==> flow/design.v <==
module alu_shift_p #(
    parameter int WIDTH = 14,
    parameter int LG = $clog2(WIDTH)
) (
    input  logic clk_i,
    input  logic [WIDTH-1:0] val,
    input  logic [LG-1:0] amt,
    input  logic [1:0] mode,
    output logic [WIDTH-1:0] o
);
    logic [WIDTH-1:0] tmp;
    always_comb begin
        case (mode)
            2'b00: tmp = val << amt;
            2'b01: tmp = val >> amt;
            2'b10: tmp = $signed(val) >>> amt;
            default: tmp = val;
        endcase
    end
    logic [WIDTH-1:0] o_q;
    always_ff @(posedge clk_i) begin
        o_q <= tmp;
    end
    assign o = o_q;
endmodule
## Step by step through the tools: alu_shift_p

Tool output for the design above, in the order of the flow.
Lines are those of the file above, counted from 1.
Cell names lack the library's common part.
The mark n/a stands for no value.

| design | value |
|---|---|
| top | alu_shift_p |
| clock port | clk_i |
| standard-cell library | sky130hd |
| library corner | tt_025C_1v80 |

## Word-level counts

Counts by Yosys on the flattened word-level netlist (proc, flatten, opt, wreduce; memories kept). Register bits leave out memories and registers merged into their read ports (data or address); mux counts leave out enables and synchronous resets folded into registers. Print and check cells are left out. Cells with the same type and inputs are merged into one.

| storage and ports | value |
|---|---|
| flip-flop bits (word level) | 14 |
| bits of input ports | 21 |

| operators by class | value |
|---|---|
| equal/unequal tests | 2 |
| shift operators | 3 |
| muxes and demuxes | 1 |
| reductions and logical operators | 1 |

Operators with widths:

| cell | count |
|---|---|
| 14-bit case mux with 3-bit select | 1 |
| 14-bit by 4-bit << shifter with 14-bit output | 1 |
| 14-bit by 4-bit right shift with 14-bit output | 1 |
| 14-bit by 4-bit >>> shifter with 14-bit output | 1 |
| 2-bit by 1-bit == test with 1-bit output (second input constant) | 1 |
| 2-bit == test (second input constant) | 1 |
| 2-bit logical NOT | 1 |

## Depth

Yosys ltp: most cells in a row. Word level: on the elaborated netlist, between registers, memories and ports. Mapped: between sequential cells and ports; inverters and the memories' decode and read muxes count.

| logic depth | value |
|---|---|
| depth in word-level cells | 2 |
| ABC_AREA | 0 |
| depth in mapped cells | 8 |
| depth with buffers taken out | 5 |

## Synthesis result

Yosys stat after the flow's synthesis: flattened, memories mapped to cells. It holds for the ABC_AREA given above (unset counts as 0); a run with the other value may have another netlist.

Cells by type:

| cell | count | total area (sq um) |
|---|---|---|
| dfxtp_1 | 14 | 280.269 |
| mux2i_1 | 27 | 270.259 |
| mux4_2 | 4 | 90.086 |
| nor2_1 | 23 | 86.333 |
| o21ai_0 | 16 | 80.077 |
| mux4_1 | 3 | 78.826 |
| nand2_1 | 21 | 78.826 |
| mux2_2 | 6 | 67.565 |
| a21oi_1 | 11 | 55.053 |
| buf_2 | 10 | 50.048 |
| mux2i_4 | 2 | 45.043 |
| nand2b_1 | 5 | 31.28 |
| a221oi_2 | 2 | 30.029 |
| buf_4 | 4 | 30.029 |
| mux2_4 | 2 | 30.029 |
| nor3_1 | 6 | 30.029 |
| o211ai_1 | 4 | 30.029 |
| buf_6 | 2 | 22.522 |

Other cell types: 34; their cells: 55.

| synthesis totals | value |
|---|---|
| standard cells after synthesis | 217 |
| chip area (Yosys) | 1818.0 sq um |
| flip-flop cells | 14 |
| buffers | 21 |

## Timing after synthesis

Source: OpenSTA report_checks on the synthesized netlist (no wires, ideal clock, input and output delay 20% of the period each), path of least setup slack; recovery checks are left aside. Register names are those of the netlist, which keeps one name where synthesis merged equal registers.

| timing after synthesis | value |
|---|---|
| kind | in2reg |
| start point | in amt[0] |
| end point | reg o_q[3] |
| period | 2090 ps |
| setup time | 122 ps |
| launch time at the first pin | 418 ps |
| data arrival time | 1631 ps |
| data required time | 1968 ps |
| path slack | 337 ps |
| path delay | 1335 ps |
| driving pins on the path | 7 |
| synthesis period reached | 1753 ps |

"path delay" is the arrival time less input delay plus setup time.
"driving pins on the path": output pins that drive a net of the path, with the launching flip-flop's if there is one; two outputs of one cell count as two.
"synthesis period reached" is the clock period less the worst setup slack; recovery checks do not enter. This is arithmetic on one report: input and output delays are still those of the set period (20% each).
The rows between start and end are the longest chain of elaborated cells between them; the timing report does not say that the signal goes this way. Where chains are equally long, one stands for them.
A line is the first line of the expression or statement that the cell stems from. Yosys adds cells for indexed reads and writes and turns some case tables into memories.

| between the ends, after synthesis | value |
|---|---|
| cells stage by stage | buf_6 -> buf_6 -> mux2i_1 -> mux2i_2 -> a221oi_2 -> a21oi_1 -> a221o_1 |
| cells in the longest elaborated chain | 2 |

RTL lines, path after synthesis:

| what | line | source |
|---|---|---|
| start, declared | 7 | `input  logic [LG-1:0] amt,` |
| 14-bit by 4-bit >>> shifter with 14-bit output | 16 | `2'b10: tmp = $signed(val) >>> amt;` |
| 14-bit case mux with 3-bit select | 13 | `case (mode)` |
| end, assigned | 22 | `o_q <= tmp;` |
| end, declared | 20 | `logic [WIDTH-1:0] o_q;` |

## Path in the finished layout

Path of least setup slack in the final report of run 1 (OpenROAD, finished layout, wires in). Where an end is a register, its clock arrival counts in the times.
The report prints the path's times to 10 ps; the period is as set.

| timing post-layout | value |
|---|---|
| kind | in2reg |
| start point | in mode[1] |
| end point | reg o_q[3] |
| period | 2090 ps |
| setup time | 60 ps |
| launch time at the first pin | 420 ps |
| data arrival time | 2220 ps |
| data required time | 2280 ps |
| path slack | 60 ps |
| driving pins on the path | 6 |

The rows between start and end are the longest chain of elaborated cells between them; the timing report does not say that the signal goes this way. Where chains are equally long, one stands for them.

| between the ends, post-layout | value |
|---|---|
| cells stage by stage | clkdlybuf4s50_1 -> nand2b_1 -> a21oi_1 -> o21ai_0 -> a21oi_1 -> a221o_1 |
| cells in the longest elaborated chain | 2 |

RTL lines, path post-layout:

| what | line | source |
|---|---|---|
| start, declared | 8 | `input  logic [1:0] mode,` |
| 2-bit == test | 13 | `case (mode)` |
| 14-bit case mux with 3-bit select | 13 |  |
| end, assigned | 22 | `o_q <= tmp;` |
| end, declared | 20 | `logic [WIDTH-1:0] o_q;` |

==> runs of alu_shift_p <==
Measured data: module alu_shift_p, platform sky130hd, 3 stored runs of the flow under differing settings, order arbitrary. Input and output delays are each 20% of the period that was set; the output load is 0.01 pF.
"power consumption": no workload was simulated; the value follows from the tool's default switching activity.

#### Run 1

| setting | value |
|---|---|
| period_ns | `2.09` |
| CAP_MARGIN | `20` |
| CORE_MARGIN | `2` |
| CORE_UTILIZATION | `40` |
| SLEW_MARGIN | `20` |

| result | value |
|---|---|
| total negative setup slack | 0 ps |
| die outline area | 5100.1 sq um |
| chip area after synthesis (Yosys) | 1818.0 sq um |
| setup slack of the worst path | 62 ps |
| power consumption | 0.001167 W |
| utilization after layout | 0.604 |

#### Run 2

| setting | value |
|---|---|
| period_ns | `2.34` |
| CORE_UTILIZATION | `67` |
| CORE_ASPECT_RATIO | `1.18` |
| CELL_PAD_IN_SITES_DETAIL_PLACEMENT | `0` |
| TNS_END_PERCENT | `50` |
| GPL_ROUTABILITY_DRIVEN | `0` |
| CTS_CLUSTER_SIZE | `63` |
| MIN_ROUTING_LAYER | `met1` |
| MAX_ROUTING_LAYER | `met5` |
| CAP_MARGIN | `20` |
| CORE_MARGIN | `2` |
| SLEW_MARGIN | `20` |

| result | value |
|---|---|
| total negative setup slack | 0 ps |
| die outline area | 3147.7 sq um |
| chip area after synthesis (Yosys) | 1818.0 sq um |
| setup slack of the worst path | 76 ps |
| power consumption | 0.0009595 W |
| utilization after layout | 0.918 |

#### Run 3

| setting | value |
|---|---|
| period_ns | `1.61` |
| CORE_UTILIZATION | `49` |
| SETUP_SLACK_MARGIN | `0.37` |
| PLACE_DENSITY_LB_ADDON | `0.02` |
| HOLD_SLACK_MARGIN | `0.3` |
| CORE_MARGIN | `5` |
| CELL_PAD_IN_SITES_DETAIL_PLACEMENT | `0` |
| CTS_CLUSTER_DIAMETER | `161` |
| SLEW_MARGIN | `30` |
| CAP_MARGIN | `20` |

| result | value |
|---|---|
| total negative setup slack | -16 ps |
| die outline area | 5028.2 sq um |
| chip area after synthesis (Yosys) | 1818.0 sq um |
| setup slack of the worst path | -16 ps |
| power consumption | 0.001725 W |
| utilization after layout | 0.906 |
